==> flow/design.v <==
module u_relation #(
  parameter BITS = 112
) (
  input  logic sys_clk,
  input  logic rst_i,
  input  logic en,
  input  logic [BITS-1:0] dataa,
  input  logic [BITS-1:0] datab,
  output logic above
);
  logic [BITS-1:0] r_dataa;
  logic [BITS-1:0] r_datab;
  logic [BITS:0] cc;
  assign cc[0] = 1'b0;
  for (genvar i = 0; i < BITS; i++) begin : u_g
    assign cc[i+1] = (r_dataa[i] ^ r_datab[i]) ? r_dataa[i] : cc[i];
  end
  always_ff @(posedge sys_clk) begin
    if (rst_i) begin
      r_dataa <= '0;
      r_datab <= '0;
      above <= 1'b0;
    end else if (en) begin
      r_dataa <= dataa;
      r_datab <= datab;
      above <= cc[BITS];
    end
  end
endmodule
From RTL to reports: u_relation:

What the tools print for u_relation, step after step.
Line numbers count from 1 in the design file above.
Operators: Yosys type, input widths -> output width; for muxes data width and select width s.
Cell names lack the library's common part.
A cell with -- has no value.

* design top: u_relation
* clock: sys_clk
* library: sky130hd
* library corner: tt_025C_1v80

After elaboration:

Source: Yosys, flattened and elaborated, memories not mapped. Widths are those after wreduce; folded enables and synchronous resets count as part of the registers. Registers that Yosys merges into a memory's read port (data or address) are not register bits. Print and check cells do not count. Equal cells are merged and count once.

* flip-flop bits (word level): 225
* bits in latches: 0
* RAM bits: 0
* memory bits (read-only): 0
* word width x clocked read ports: 0
* memory cells: 0

* add/subtract/negate cells: 0
* multipliers: 0
* divide/modulo/power cells: 0
* order comparisons: 0
* equality and inequality tests: 0
* shift operators: 0
* mux-type cells: 112
* bitwise operators: 112
* reduce/logical cells: 0

Operators with widths (count)
* $xor 1x1->1: 112
* $mux 1: 112

Logic depth:

Longest topological path by Yosys (ltp), each cell counted once; first at word level (registers and memories cut), then after technology mapping (sequential cells cut; the memories' decode and read muxes count).

* depth after elaboration: 113
* ABC_AREA: 0
* gate-level depth with buffers: 8
* mapped depth without buffers: 8

Mapped cells and area:

Yosys stat after the flow's synthesis: flattened, memories mapped to cells. It holds for the ABC_AREA given above (unset counts as 0); a run with the other value may have another netlist.

* mapped cells: 1062
* synthesis area: 9900.7 sq um
* sequential area: 4504.3 sq um
* flip-flop cells: 225
* buffer cells: 50

Cells by type (count)
* dfxtp_1: 225
* mux2i_1: 224
* nor2_1: 233
* inv_1: 90
* nand2b_1: 36
* nor2b_1: 31
* maj3_1: 11
* clkbuf_1: 28
* o22ai_1: 16
* o2111ai_1: 8
* o221ai_1: 8
* buf_2: 12
* o21ai_0: 12
* a2111oi_4: 2
* a22oi_1: 7
* o211ai_1: 7
* a211oi_1: 6
* a21oi_1: 9

Not listed: further types 37, cells in them 97.

Path before layout:

Source: OpenSTA report_checks on the synthesized netlist (no wires, ideal clock, input and output delay 20% of the period each), path of least setup slack; recovery checks are left aside. Register names are those of the netlist, which keeps one name where synthesis merged equal registers.

* path type: flip-flop to flip-flop
* from: reg r_dataa[35]
* to: reg above
* clock period: 2.28 ns
* setup time: 0.120 ns
* launch time at the first pin: 0.000 ns
* arrival: 1.705 ns
* data required time: 2.160 ns
* path slack: 0.456 ns
* delay of the path: 1.825 ns
* stages: 9
* buffers on the path: 0
* period reached after synthesis: 1.824 ns

"delay of the path" is the arrival time less input delay plus setup time.
"stages" counts driving pins, that of a launching flip-flop among them; a cell with two outputs on the path counts twice.
"period reached after synthesis" is the clock period less the worst setup slack; recovery checks do not enter. This is arithmetic on one report: input and output delays are still those of the set period (20% each).
The rows between start and end are the longest chain of elaborated cells between them; the timing report does not say that the signal goes this way. Where chains are equally long, one stands for them.
Each line given opens the expression or statement behind the cell; cells for indexed reads and writes are added by Yosys, which also makes memories of some case tables.

* cells stage by stage: dfxtp_1 nor2b_4 a2111oi_4 o211ai_1 a21oi_1 o221ai_1 a2111oi_2 a21oi_1 o31a_1
* length of the longest elaborated chain: 78
* elaborated cells on any way between the ends: 78
* source lines of those cells: 1
* classes of those cells: mux (77); logic (1)

RTL lines, path post-synthesis
* start: declaration: line 11 `logic [BITS-1:0] r_dataa;`
* start: assignment: line 20 `r_dataa <= '0;`
* start: assignment: line 24 `r_dataa <= dataa;`
* $xor 1x1->1: line 16 `assign cc[i+1] = (r_dataa[i] ^ r_datab[i]) ? r_dataa[i] : cc[i];`
* $mux 1 (77 in a row): line 16
* end: assignment: line 22 `above <= 1'b0;`
* end: assignment: line 26 `above <= cc[BITS];`
* end: declaration: line 9 `output logic above`

Timing after layout:

Path of least setup slack in the final report of run 1 (OpenROAD, finished layout, wires in). Where an end is a register, its clock arrival counts in the times.

* path type: flip-flop to flip-flop
* from: reg r_datab[53]
* to: reg above
* clock period: 2.1 ns
* setup time: 0.11 ns
* launch time at the first pin: 0.53 ns
* arrival: 2.56 ns
* data required time: 2.52 ns
* path slack: -0.04 ns
* stages: 10
* buffers on the path: 1

The rows between start and end are the longest chain of elaborated cells between them; the timing report does not say that the signal goes this way. Where chains are equally long, one stands for them.

* cells stage by stage: dfxtp_2 inv_2 a222oi_1 buf_4 o221ai_2 nor3_2 nand3_2 a2111oi_4 a21oi_4 o31a_1
* length of the longest elaborated chain: 60
* elaborated cells on any way between the ends: 60
* source lines of those cells: 1
* classes of those cells: mux (59); logic (1)

RTL lines, path after layout
* start: declaration: line 12 `logic [BITS-1:0] r_datab;`
* start: assignment: line 21 `r_datab <= '0;`
* start: assignment: line 25 `r_datab <= datab;`
* $xor 1x1->1: line 16 `assign cc[i+1] = (r_dataa[i] ^ r_datab[i]) ? r_dataa[i] : cc[i];`
* $mux 1 (59 in a row): line 16
* end: assignment: line 22 `above <= 1'b0;`
* end: assignment: line 26 `above <= cc[BITS];`
* end: declaration: line 9 `output logic above`

FLOW RESULTS
============

Record of 3 stored runs of the RTL-to-layout flow on u_relation, platform sky130hd. The runs are unordered. Constraints: input delay and output delay 20% of the set period each, output load 0.01 pF.

### Run 1

Settings: `period_ns=2.1`, `CORE_UTILIZATION=34`, `SETUP_SLACK_MARGIN=0.07`, `PLACE_DENSITY_LB_ADDON=0.05`, `CELL_PAD_IN_SITES_DETAIL_PLACEMENT=0`, `ABC_AREA=0`, `GPL_TIMING_DRIVEN=1`, `MAX_ROUTING_LAYER=met4`, `CAP_MARGIN=20`, `CORE_MARGIN=2`, `SLEW_MARGIN=20`

- Utilization in the final report: 48.3%
- Total negative slack on setup checks: -0.041 ns
- Setup slack of the worst path: -0.041 ns
- Full die area: 30500.9 sq um
- Chip area in the Yosys report: 9900.7 sq um
- Final worst hold slack: 0.264 ns

### Run 2

Settings: `period_ns=1.16`, `CORE_UTILIZATION=61`, `SETUP_SLACK_MARGIN=0.02`, `PLACE_DENSITY_LB_ADDON=0.12`, `CORE_ASPECT_RATIO=1.94`, `CORE_MARGIN=7`, `ABC_AREA=0`, `CTS_CLUSTER_SIZE=36`, `CTS_CLUSTER_DIAMETER=48`, `SLEW_MARGIN=15`, `MAX_ROUTING_LAYER=met5`, `CAP_MARGIN=20`

- Final worst hold slack: 0.159 ns
- Utilization in the final report: 89.6%
- Total negative slack on setup checks: -1.012 ns
- Chip area in the Yosys report: 9900.7 sq um
- Full die area: 20190.7 sq um
- Setup slack of the worst path: -0.967 ns

### Run 3

Settings: `period_ns=2.28`, `CAP_MARGIN=20`, `CORE_MARGIN=2`, `CORE_UTILIZATION=40`, `SLEW_MARGIN=20`

- Setup slack of the worst path: 0.097 ns
- Final worst hold slack: 0.351 ns
- Total negative slack on setup checks: 0.000 ns
- Full die area: 26025.8 sq um
- Utilization in the final report: 55.5%
- Chip area in the Yosys report: 9900.7 sq um
